==> flow/design.v <==
module reg_bank_stage (clk, rst_n, wr_in, write_addr_in, din_in, rd_idx_in, rd_out);
   parameter D = 6;
   parameter WIDTH = 64;
   localparam ADDR_WIDTH = $clog2(D);
   input clk;
   input rst_n;
   input wr_in;
   input [ADDR_WIDTH-1:0] write_addr_in;
   input [WIDTH-1:0] din_in;
   input [ADDR_WIDTH-1:0] rd_idx_in;
   output [WIDTH-1:0] rd_out;
   reg [WIDTH-1:0] store [0:D-1];
   always @(posedge clk) begin
      if (wr_in)
         store[write_addr_in] <= din_in;
   end
   reg [WIDTH-1:0] r_rd;
   always @(posedge clk) begin
      if (!rst_n) begin
         r_rd <= 0;
      end else begin
         r_rd <= store[rd_idx_in];
      end
   end
   assign rd_out = r_rd;
endmodule
# == Reports on reg_bank_stage ==
# Tool output for the design above, in the order of the flow.
# Line numbers count from 1 in the design file above.
# Operators carry their Yosys type and port widths (W data, S select, Z words).
# Cell names lack the library's common part.
# The mark n/a stands for no value.
# design
design,reg_bank_stage
clock,clk
lib,sky130hd
lib_corner,tt_025C_1v80

# == Elaborated design ==
# Counts by Yosys on the flattened word-level netlist (proc, flatten, opt, wreduce; memories kept). Register bits leave out memories and registers merged into their read ports (data or address); mux counts leave out enables and synchronous resets folded into registers. Print and check cells are left out. Cells with the same type and inputs are merged into one.
# Memory sizes are those after Yosys's memory passes, which may raise the word count (mostly to a power of two), join words into wider ones and drop unused or constant bits.
# word_totals
regBits,0
ramBits,384
clocked_rd_ports_x_width,64
memories,1
input_bits,73
output_inout_bits,64
word_cells,5
# memory_table
name,words,word_bits,rd,write_ports,line,text
store,6,64,1,1,12,reg [WIDTH-1:0] store [0:D-1];
# classes
n_mux,3
reduce_logical,1
# ops
op,n
$mux W64,1
$mux W3,1
$logic_not A1 Y1,1
$mux W1,1

# == Logic depth ==
# Longest topological path by Yosys (ltp), each cell counted once; first at word level (registers and memories cut), then after technology mapping (sequential cells cut; the memories' decode and read muxes count).
# logic_depth
depth_word,1
ABC_AREA,0
mapped_depth,5

# == After synthesis ==
# Yosys stat after the flow's synthesis: flattened, memories mapped to cells. It holds for the ABC_AREA given above (unset counts as 0); a run with the other value may have another netlist.
# The area totals of this step are shown rounded.
# by_type
cell,n,type_area_um2
edfxtp_1,384,1.15E+04
mux2i_1,192,1.92E+03
dfxtp_1,64,1.28E+03
o22a_1,64,560.538
o21ai_1,64,320.307
buf_2,20,100.096
buf_6,7,78.826
clkbuf_1,12,45.043
nand2b_1,2,12.512
and4b_1,1,10.01
nor3_1,2,10.01
or3b_1,1,8.758
buf_4,1,7.507
nand2_1,2,7.507
nand3b_1,1,7.507
nor2_1,2,7.507
nor3b_1,1,7.507
# mapped
stdcells,820
yosys_area_um2,15920
ff_cells,448

# == Timing after synthesis ==
# Path of least setup slack by OpenSTA after synthesis, without wires, with an ideal clock, recovery checks aside; 20% of the period is set as input and as output delay. Where synthesis merged equal registers, the netlist keeps one of their names.
# synth_path
path_type,input -> register
startpoint,input write_addr_in[1]
endpoint,memory store[4][0]
clock_period_ps,8500
input_delay_ps,1700
t_first_pin_ps,1700
t_arrival_ps,6560
t_required_ps,7922
setup_slack_ps,1363
path_delay_ps,5438
stages,2
synth_period_reached_ps,7137
# "path_delay_ps" is the arrival time less input delay plus setup time.
# "stages": output pins that drive a net of the path, with the launching flip-flop's if there is one; two outputs of one cell count as two.
# "synth_period_reached_ps" = period - worst setup slack (recovery checks aside). The figure is calculated, with input and output delays left at 20% of the set period.
# Between the ends stands the longest chain of elaborated cells between them, by number of cells; it is not shown to be the way that was timed. Of several equally long chains one is given.
# Each line given opens the expression or statement behind the cell; cells for indexed reads and writes are added by Yosys, which also makes memories of some case tables.
# synth_via
path_cell_list,nand2b_1 -> nor3b_1
elab_chain_cells,1
# synth_lines
element,line,text
from (decl),8,input [ADDR_WIDTH-1:0] write_addr_in;
$mux W3,14,if (wr_in)
to (decl),12,reg [WIDTH-1:0] store [0:D-1];

# == Path in the finished layout ==
# From the final timing report of record 2: the path of least setup slack in the routed layout; clock arrival at registers is part of the times.
# The report prints the path's times to 10 ps; the period is as set.
# layout_path
path_type,input -> register
startpoint,input rd_idx_in[1]
endpoint,register r_rd[28]
clock_period_ps,8500
input_delay_ps,1700
t_first_pin_ps,1700
t_arrival_ps,3900
t_required_ps,8890
setup_slack_ps,4990
stages,5
# layout_via
path_cell_list,clkbuf_8 -> buf_4 -> mux2i_1 -> o22a_1 -> o21ai_1
# layout_lines
element,line,text
from (decl),10,input [ADDR_WIDTH-1:0] rd_idx_in;
to (decl),17,reg [WIDTH-1:0] r_rd;
# No chain of elaborated cells between the ends is given.

# Design reg_bank_stage on sky130hd. What follows are 3 stored runs of the flow, each under its own settings; their order means nothing. The constraints put input and output delay at 20% of the set period each and load the outputs with 0.01 pF.
# "period_reached_ps" = clock period - worst setup slack. The figure is calculated, with input and output delays left at 20% of the set period.
# "critical_path_time_ps": the worst setup path's part of the clock period (all of it between registers, 20% less for each end at a port) less its slack. A launch clock that arrives late makes it longer, a capture clock that arrives late makes it shorter.
# By "power_mw" is meant OpenSTA's value without simulated activity: inputs other than the clock are taken to toggle once in ten clock periods, and the tool carries that through the logic.
# "critical_path_time_ps" is given in steps of 10 ps.
# The measured numbers are rounded.
# A setting shown as n/a is not set for that run.
# A result given as n/a is not shown for that run.
setting or result,record 1,record 2,record 3
period_ns,6.79,8.5,8.27
CORE_UTILIZATION,53,40,27
SETUP_SLACK_MARGIN,1.37,n/a,n/a
PLACE_DENSITY_LB_ADDON,0.28,n/a,n/a
HOLD_SLACK_MARGIN,-0.03,n/a,n/a
CORE_ASPECT_RATIO,0.73,n/a,n/a
CELL_PAD_IN_SITES_GLOBAL_PLACEMENT,3,n/a,n/a
CELL_PAD_IN_SITES_DETAIL_PLACEMENT,2,n/a,n/a
GPL_TIMING_DRIVEN,0,n/a,n/a
CAP_MARGIN,20,20,20
CORE_MARGIN,2,2,2
SLEW_MARGIN,20,20,20
TNS_END_PERCENT,n/a,n/a,90
ABC_AREA,n/a,n/a,0
GPL_ROUTABILITY_DRIVEN,n/a,n/a,1
MAX_ROUTING_LAYER,n/a,n/a,met4
synthArea_um2,n/a,15920,15920
dieArea_um2,n/a,41410,60910
finalUtil_frac,n/a,0.492,0.335
ws_setup_ps,n/a,4992,4498
setupTns_ps,n/a,0,0
ws_hold_ps,n/a,507,509
power_mw,n/a,4.846,4.852
period_reached_ps,n/a,3508,3772
critical_path_time_ps,n/a,1810,2120
path_kind,n/a,input -> register,input -> register
# Record 1: not finished: placement ended with error DPL-0033
